==> flow/design.v <==
module mult #(
  parameter XLEN = 10,
  parameter WAYS = 2,
  parameter OUT_W = 2*XLEN + $clog2(WAYS)
) (
  input  aclk,
  input  reset,
  input  [WAYS*XLEN-1:0] lhs_i,
  input  [WAYS*XLEN-1:0] rhs_i,
  output [OUT_W-1:0] prod_o
);
  reg [WAYS*XLEN-1:0] lhs_d1;
  always @(posedge aclk or posedge reset) begin
    if (reset) begin
      lhs_d1 <= 0;
    end else begin
      lhs_d1 <= lhs_i;
    end
  end
  reg [WAYS*XLEN-1:0] rhs_d1;
  always @(posedge aclk or posedge reset) begin
    if (reset) begin
      rhs_d1 <= 0;
    end else begin
      rhs_d1 <= rhs_i;
    end
  end
  reg [OUT_W-1:0] tmp;
  integer k;
  always @* begin
    tmp = 0;
    for (k = 0; k < WAYS; k = k + 1)
      tmp = tmp + lhs_d1[k*XLEN +: XLEN] * rhs_d1[k*XLEN +: XLEN];
  end
  assign prod_o = tmp;
endmodule
======== From RTL to reports: mult ========
What the tools print for mult, step after step.
Line numbers count from 1 in the design file above.
Cell names lack the library's common part.
The mark - stands for no value.
set-up
  top ..................................... mult
  clock input ............................. aclk
  library ................................. sky130hd
  library corner .......................... tt_025C_1v80

======== After elaboration ========
Source: Yosys, flattened and elaborated, memories not mapped. Widths are those after wreduce; folded enables and synchronous resets count as part of the registers. Registers that Yosys merges into a memory's read port (data or address) are not register bits. Print and check cells do not count. Equal cells are merged and count once.
operators by class
  $add $sub $neg .......................... 1
  multiply operators ...................... 2
operators with widths
  cell                          number
  multiplier 10 x 10 -> 20 bit  2
  adder 20 x 20 -> 21 bit       1
bit counts
  register bits after elaboration ......... 40
  input bits .............................. 42
  output and inout port bits .............. 21
  cells after elaboration ................. 5

======== Longest topological paths ========
Longest topological path by Yosys (ltp), each cell counted once; first at word level (registers and memories cut), then after technology mapping (sequential cells cut; the memories' decode and read muxes count).
logic depth
  depth after elaboration ................. 2
  ABC_AREA ................................ 0
  gate-level depth with buffers ........... 22
  depth with buffers taken out ............ 20

======== Mapped cells and area ========
Yosys stat after the flow's synthesis: flattened, memories mapped to cells. It holds for the ABC_AREA given above (unset counts as 0); a run with the other value may have another netlist.
cells by type
  cell      number  area in all (µm²)
  fa_1      159     3.18E+03
  ha_1      101     1.26E+03
  dfrtp_1   40      1000.96
  and2_1    132     825.792
  inv_1     182     683.155
  nand2_1   87      326.563
  a21oi_1   20      100.096
  xnor2_1   11      96.342
  clkbuf_1  21      78.826
  o21ai_0   11      55.053
  xor2_1    6       52.55
  nor2_1    6       22.522
  o211ai_1  3       22.522
  buf_2     4       20.019
  nand4_1   3       18.768
  o21bai_4  1       18.768
  a41oi_1   2       17.517
  and4_1    2       17.517
Other cell types: 24; their cells: 33.
synthesis totals
  standard cells after synthesis .......... 824
  cell area after synthesis ............... 8060.2 µm²
  area of sequential cells ................ 1001.0 µm²
  mapped flip-flops ....................... 40
  buffer cells ............................ 25

======== Worst setup path after synthesis ========
OpenSTA on the mapped netlist: ideal clock, no wires. The path of least setup slack (recovery checks aside). Input and output delay are each 20% of the period. Register names are those of the netlist, which keeps one name where synthesis merged equal registers.
timing after synthesis
  path kind ............................... reg-to-output
  from .................................... reg lhs_d1[4]
  to ...................................... out prod_o[16]
  clock period ............................ 8.68 ns
  output delay ............................ 1.736 ns
  time at the first pin ................... 0.000 ns
  arrival ................................. 5.556 ns
  required time ........................... 6.944 ns
  setup slack ............................. 1.388 ns
  path delay .............................. 5.556 ns
  driving pins on the path ................ 20
  path buffers ............................ 1
  synthesis period reached ................ 7.292 ns
"path delay" = arrival - input delay + setup time.
At an output port there is no setup time.
"driving pins on the path" counts driving pins, that of a launching flip-flop among them; a cell with two outputs on the path counts twice.
"synthesis period reached" = period - worst setup slack (recovery checks aside). The figure is calculated, with input and output delays left at 20% of the set period.
The rows between start and end are the longest chain of elaborated cells between them; the timing report does not say that the signal goes this way. Where chains are equally long, one stands for them.
Each line given opens the expression or statement behind the cell; cells for indexed reads and writes are added by Yosys, which also makes memories of some case tables.
between the ends, after synthesis
  cell sequence ........................... dfrtp_1 -> clkbuf_1 -> and2_1 -> fa_1 -> inv_1 -> fa_1 -> fa_1 -> inv_1 -> fa_1 -> fa_1 -> fa_1 -> inv_1 -> fa_1 -> inv_1 -> ha_1 -> nand2_1 -> nand2_1 -> o21a_4 -> or4_1 -> and4_1
  length of the longest elaborated chain .. 2
  elaborated cells between the ends (all ways) .. 2
  source lines of those cells ............. 1
  classes of those cells .................. 1 x add/sub; 1 x mul
RTL lines, path after synthesis
  element                       RTL line  RTL
  start, declared               12        reg [WAYS*XLEN-1:0] lhs_d1;
  start, assigned               15        lhs_d1 <= 0;
  start, assigned               17        lhs_d1 <= lhs_i;
  multiplier 10 x 10 -> 20 bit  33        tmp = tmp + lhs_d1[k*XLEN +: XLEN] * rhs_d1[k*XLEN +: XLEN];
  adder 20 x 20 -> 21 bit       33
  end, declared                 10        output [OUT_W-1:0] prod_o

======== Worst path after layout ========
Path of least setup slack in the final report of flow run A (OpenROAD, finished layout, wires in). Where an end is a register, its clock arrival counts in the times.
timing post-layout
  path kind ............................... reg-to-output
  from .................................... reg rhs_d1[2]
  to ...................................... out prod_o[19]
  clock period ............................ 5.26 ns
  output delay ............................ 1.05 ns
  time at the first pin ................... 0.29 ns
  arrival ................................. 6.09 ns
  required time ........................... 4.21 ns
  setup slack ............................. -1.88 ns
  driving pins on the path ................ 21
  path buffers ............................ 2
The rows between start and end are the longest chain of elaborated cells between them; the timing report does not say that the signal goes this way. Where chains are equally long, one stands for them.
between the ends, post-layout
  cell sequence ........................... dfrtp_2 -> buf_6 -> and2_4 -> fa_1 -> fa_1 -> inv_1 -> fa_1 -> inv_2 -> fa_1 -> fa_1 -> fa_1 -> inv_1 -> fa_1 -> inv_2 -> ha_4 -> nand2_4 -> or2_4 -> or4_4 -> o211ai_1 -> a31oi_1 -> buf_2
  length of the longest elaborated chain .. 2
  elaborated cells between the ends (all ways) .. 2
  source lines of those cells ............. 1
  classes of those cells .................. 1 x add/sub; 1 x mul
RTL lines, path post-layout
  element                       RTL line  RTL
  start, declared               20        reg [WAYS*XLEN-1:0] rhs_d1;
  start, assigned               23        rhs_d1 <= 0;
  start, assigned               25        rhs_d1 <= rhs_i;
  multiplier 10 x 10 -> 20 bit  33        tmp = tmp + lhs_d1[k*XLEN +: XLEN] * rhs_d1[k*XLEN +: XLEN];
  adder 20 x 20 -> 21 bit       33
  end, declared                 10        output [OUT_W-1:0] prod_o

Wiki page: mult / flow data

Stored flow runs of mult (3 of them; Yosys, OpenROAD, sky130hd). They differ in their settings and are not a sequence. Constraints: input delay and output delay 20% of the set period each, output load 0.01 pF.
"achieved clock period (ns)" = clock period - worst setup slack. The figure is calculated, with input and output delays left at 20% of the set period.
"worst setup path time (ns)" = time allowed to the worst setup path (clock period - input delay - output delay, where it has them) - its slack; a late launch clock adds to it, a late capture clock takes from it.

Flow files of flow run A
==> flow/run.sh <==
#!/bin/bash
# the make line also repeats the synthesis and layout settings of config.mk as NAME=value (left out here)
make -C /OpenROAD-flow-scripts/flow DESIGN_CONFIG=/design/flow/config.mk WORK_HOME=/design/flow/orfs CLKGATE_MAP_FILE= finish
==> flow/config.mk <==
export PLATFORM = sky130hd
export DESIGN_NAME = mult
export DESIGN_NICKNAME = mult
export VERILOG_FILES = /design/flow/design.v
export SDC_FILE = /design/flow/constraint.sdc
export NUM_CORES = 4
export LEC_CHECK = 0
export CAP_MARGIN = 40
export CORE_ASPECT_RATIO = 0.6
export CORE_MARGIN = 2
export CORE_UTILIZATION = 41
export MIN_ROUTING_LAYER = met1
export PLACE_DENSITY_LB_ADDON = 0.07
export SLEW_MARGIN = 30
==> flow/constraint.sdc <==
create_clock -name core_clock -period 5.26 [get_ports {aclk}]
set_input_delay 1.0520 -clock core_clock [delete_from_list [all_inputs] [get_ports {aclk}]]
set_output_delay 1.0520 -clock core_clock [all_outputs]
set_load 0.01 [all_outputs]

report of flow run A
yosys chip area after synthesis (um^2): 8060.2
finish__design__die__area: 20833.1
finish__design__instance__area__stdcell: 10600.2
finish__design__instance__utilization: 0.5542
finish__timing__setup__ws: -1.877
finish__timing__setup__tns: -25.759
finish__timing__hold__ws: 1.128
achieved clock period (ns): 7.137
worst setup path time (ns): 6.09
worst setup path kind: reg-to-output

Flow files of flow run B
==> flow/run.sh <==
#!/bin/bash
# the make line also repeats the synthesis and layout settings of config.mk as NAME=value (left out here)
make -C /OpenROAD-flow-scripts/flow DESIGN_CONFIG=/design/flow/config.mk WORK_HOME=/design/flow/orfs CLKGATE_MAP_FILE= finish
==> flow/config.mk <==
export PLATFORM = sky130hd
export DESIGN_NAME = mult
export DESIGN_NICKNAME = mult
export VERILOG_FILES = /design/flow/design.v
export SDC_FILE = /design/flow/constraint.sdc
export NUM_CORES = 4
export LEC_CHECK = 0
export CAP_MARGIN = 20
export CORE_MARGIN = 2
export CORE_UTILIZATION = 40
export SLEW_MARGIN = 20
==> flow/constraint.sdc <==
create_clock -name core_clock -period 8.68 [get_ports {aclk}]
set_input_delay 1.7360 -clock core_clock [delete_from_list [all_inputs] [get_ports {aclk}]]
set_output_delay 1.7360 -clock core_clock [all_outputs]
set_load 0.01 [all_outputs]

report of flow run B
yosys chip area after synthesis (um^2): 8060.2
finish__design__die__area: 21301.4
finish__design__instance__area__stdcell: 9110.0
finish__design__instance__utilization: 0.4650
finish__timing__setup__ws: 0.304
finish__timing__setup__tns: 0.000
finish__timing__hold__ws: 1.874
achieved clock period (ns): 8.376
worst setup path time (ns): 6.64
worst setup path kind: reg-to-output

Flow files of flow run C
==> flow/run.sh <==
#!/bin/bash
# the make line also repeats the synthesis and layout settings of config.mk as NAME=value (left out here)
make -C /OpenROAD-flow-scripts/flow DESIGN_CONFIG=/design/flow/config.mk WORK_HOME=/design/flow/orfs CLKGATE_MAP_FILE= finish
==> flow/config.mk <==
export PLATFORM = sky130hd
export DESIGN_NAME = mult
export DESIGN_NICKNAME = mult
export VERILOG_FILES = /design/flow/design.v
export SDC_FILE = /design/flow/constraint.sdc
export NUM_CORES = 4
export LEC_CHECK = 0
export CAP_MARGIN = 20
export CELL_PAD_IN_SITES_GLOBAL_PLACEMENT = 1
export CORE_ASPECT_RATIO = 0.8
export CORE_MARGIN = 2
export CORE_UTILIZATION = 41
export CTS_CLUSTER_SIZE = 70
export GPL_ROUTABILITY_DRIVEN = 1
export PLACE_DENSITY_LB_ADDON = 0.02
export SETUP_SLACK_MARGIN = -0.03
export SLEW_MARGIN = 20
export TNS_END_PERCENT = 45
==> flow/constraint.sdc <==
create_clock -name core_clock -period 4.92 [get_ports {aclk}]
set_input_delay 0.9840 -clock core_clock [delete_from_list [all_inputs] [get_ports {aclk}]]
set_output_delay 0.9840 -clock core_clock [all_outputs]
set_load 0.01 [all_outputs]

report of flow run C
yosys chip area after synthesis (um^2): 8060.2
finish__design__die__area: 20804.0
finish__design__instance__area__stdcell: 10620.2
finish__design__instance__utilization: 0.5548
finish__timing__setup__ws: -2.055
finish__timing__setup__tns: -29.997
finish__timing__hold__ws: 1.128
achieved clock period (ns): 6.975
worst setup path time (ns): 5.99
worst setup path kind: reg-to-output
